==> flow/design.v <==
module my_selector_p #(
    parameter int DW = 3,
    parameter int NIN = 12
) (
    input  logic CLK,
    input  logic [NIN*DW-1:0] val_i,
    input  logic [NIN-1:0] pick_i,
    output logic [DW-1:0] y_o
);
    logic [NIN*DW-1:0] val_ff;
    always_ff @(posedge CLK) begin
        val_ff <= val_i;
    end
    logic [NIN-1:0] pick_ff;
    always_ff @(posedge CLK) begin
        pick_ff <= pick_i;
    end
    logic [DW-1:0] tmp;
    always_comb begin
        tmp = '0;
        for (int k = 0; k < NIN; k++)
            tmp = tmp | (val_ff[k*DW +: DW] & {DW{pick_ff[k]}});
    end
    always_ff @(posedge CLK) begin
        y_o <= tmp;
    end
endmodule
# Step by step through the tools: my_selector_p
# What the tools print for my_selector_p, step after step.
# Lines are those of the file above, counted from 1.
# Operators carry their Yosys type and port widths (W data, S select, Z words).
# Library cell names are shortened.
# A cell with n/a has no value.
# design
top_module	my_selector_p
clock_port	CLK
library	sky130hd
lib_corner	tt_025C_1v80

# Word level
# Source: Yosys, flattened and elaborated, memories not mapped. Widths are those after wreduce; folded enables and synchronous resets count as part of the registers. Registers that Yosys merges into a memory's read port (data or address) are not register bits. Print and check cells do not count. Equal cells are merged and count once.
# word_totals
register_bits	51
output_inout_bits	3
# op_classes
n_logic	23
# ops
cell	count
$and A3 B3 Y3	12
$or A3 B3 Y3	11

# Depth
# Depth = most cells in a row (Yosys ltp): at word level without a register or memory, in the mapped netlist without a sequential cell, where the memories' decode and read muxes count.
# depth
word_depth	12
abc_area	1
mapped_depth	4

# Netlist
# The flow's flattened synthesis, as Yosys stat reports it; memories are mapped. The netlist is that of the ABC_AREA named above (0 if unset); the other value can give another one.
# The area totals of this step are shown rounded.
# types
type	count	type_area_um2
dfxtp_1	51	1.02E+03
nand2_1	54	202.694
nor2_1	9	33.782
nand3_1	3	15.014
# synth_totals
stdcells	117
yosys_area_um2	1270
sequential_area_um2	1020
ffs	51
n_buf	0

# Worst setup path after synthesis
# Path of least setup slack by OpenSTA after synthesis, without wires, with an ideal clock, recovery checks aside; 20% of the period is set as input and as output delay. Where synthesis merged equal registers, the netlist keeps one of their names.
# synth_timing
path_kind	register to register
startpoint	register pick_ff[6]
endpoint	register y_o[0]
period_ps	1130
setup_ps	121
arrival_time_ps	541
t_required_ps	1009
setup_slack_ps	468
delay_ps	662
stages	5
n_path_buf	0
synth_period_reached_ps	662
# "delay_ps" is the arrival time less input delay plus setup time.
# "stages": output pins that drive a net of the path, with the launching flip-flop's if there is one; two outputs of one cell count as two.
# "synth_period_reached_ps" is the clock period less the worst setup slack; recovery checks do not enter. This is arithmetic on one report: input and output delays are still those of the set period (20% each).
# The rows between start and end are the longest chain of elaborated cells between them; the timing report does not say that the signal goes this way. Where chains are equally long, one stands for them.
# A line is the first line of the expression or statement that the cell stems from. Yosys adds cells for indexed reads and writes and turns some case tables into memories.
# synth_via
path_cell_list	dfxtp_1 > nand2_1 > nand2_1 > nor2_1 > nand3_1
elab_chain_cells	7
cone_cells	7
cone_classes	logic (7)
# synth_lines
element	line_no	source
from (decl)	14	logic [NIN-1:0] pick_ff;
from (assign)	16	pick_ff <= pick_i;
$and A3 B3 Y3	22	tmp = tmp | (val_ff[k*DW +: DW] & {DW{pick_ff[k]}});
$or A3 B3 Y3 x6	22
to (assign)	25	y_o <= tmp;
to (decl)	8	output logic [DW-1:0] y_o

# Timing after layout
# Path of least setup slack in the final report of entry B (OpenROAD, finished layout, wires in). Where an end is a register, its clock arrival counts in the times.
# The report prints the path's times to 10 ps; the period is as set.
# layout_timing
path_kind	register to output
startpoint	register y_o[1]
endpoint	output port y_o[1]
period_ps	1230
arrival_time_ps	870
t_required_ps	980
setup_slack_ps	120
stages	2
n_path_buf	1
# layout_via
path_cell_list	dfxtp_1 > dlygate4sd2_1
elab_chain_cells	0
cone_cells	0
# layout_lines
element	line_no	source
from (decl)	8	output logic [DW-1:0] y_o
from (assign)	25	y_o <= tmp;
to (decl)	8

# Module my_selector_p, platform sky130hd: 3 stored runs of the flow (Yosys, OpenROAD) with differing settings, in no particular order. Input and output delays are each 20% of the period that was set; the output load is 0.01 pF.
# "period_reached_ps" = clock period - worst setup slack. The figure is calculated, with input and output delays left at 20% of the set period.
# "worst_path_allowed_less_slack_ps" means the part of the period allowed to the worst setup path (the constraints hold back 20% at inputs and 20% at outputs) less its slack; where the path has registers, the arrival times of their clocks count too.
# "power_uw" rests on the timing tool's default activity at the inputs, not on a simulated workload.
# "worst_path_allowed_less_slack_ps" is given in steps of 10 ps.
# Measured values are rounded.
# Among the settings, . means not set for that run.
# A result given as . is not shown for that run.
run name	period_ns	CORE_UTILIZATION	SETUP_SLACK_MARGIN	PLACE_DENSITY_LB_ADDON	CELL_PAD_IN_SITES_GLOBAL_PLACEMENT	CELL_PAD_IN_SITES_DETAIL_PLACEMENT	TNS_END_PERCENT	CTS_CLUSTER_SIZE	SLEW_MARGIN	CAP_MARGIN	CORE_MARGIN	CORE_ASPECT_RATIO	ABC_AREA	CTS_CLUSTER_DIAMETER	layout_utilization_pct	setup_tns_ps	design_die_area_um2	power_uw	setup_ws_ps	worst_path_allowed_less_slack_ps	critical_path_type	yosys.chip_area_um2	stdcell_area_um2	period_reached_ps	ws_hold_ps
entry A	0.778	50	0.05	0.12	3	1	35	91	5	20	2	.	.	.	.	.	.	.	.	.	.	.	.	.	.
entry B	1.23	19	0.05	.	1	0	.	.	20	20	2	0.72	1	363	30.3	0	7380	2990	119	870	register to output	1270	1980	1111	392
entry C	1.13	40	.	.	.	.	.	.	20	20	2	.	.	.	64.1	0	3440	2930	72	1060	register to register	1190	1800	1058	294
# Entry A: did not finish, placement stopped with FLW-0024
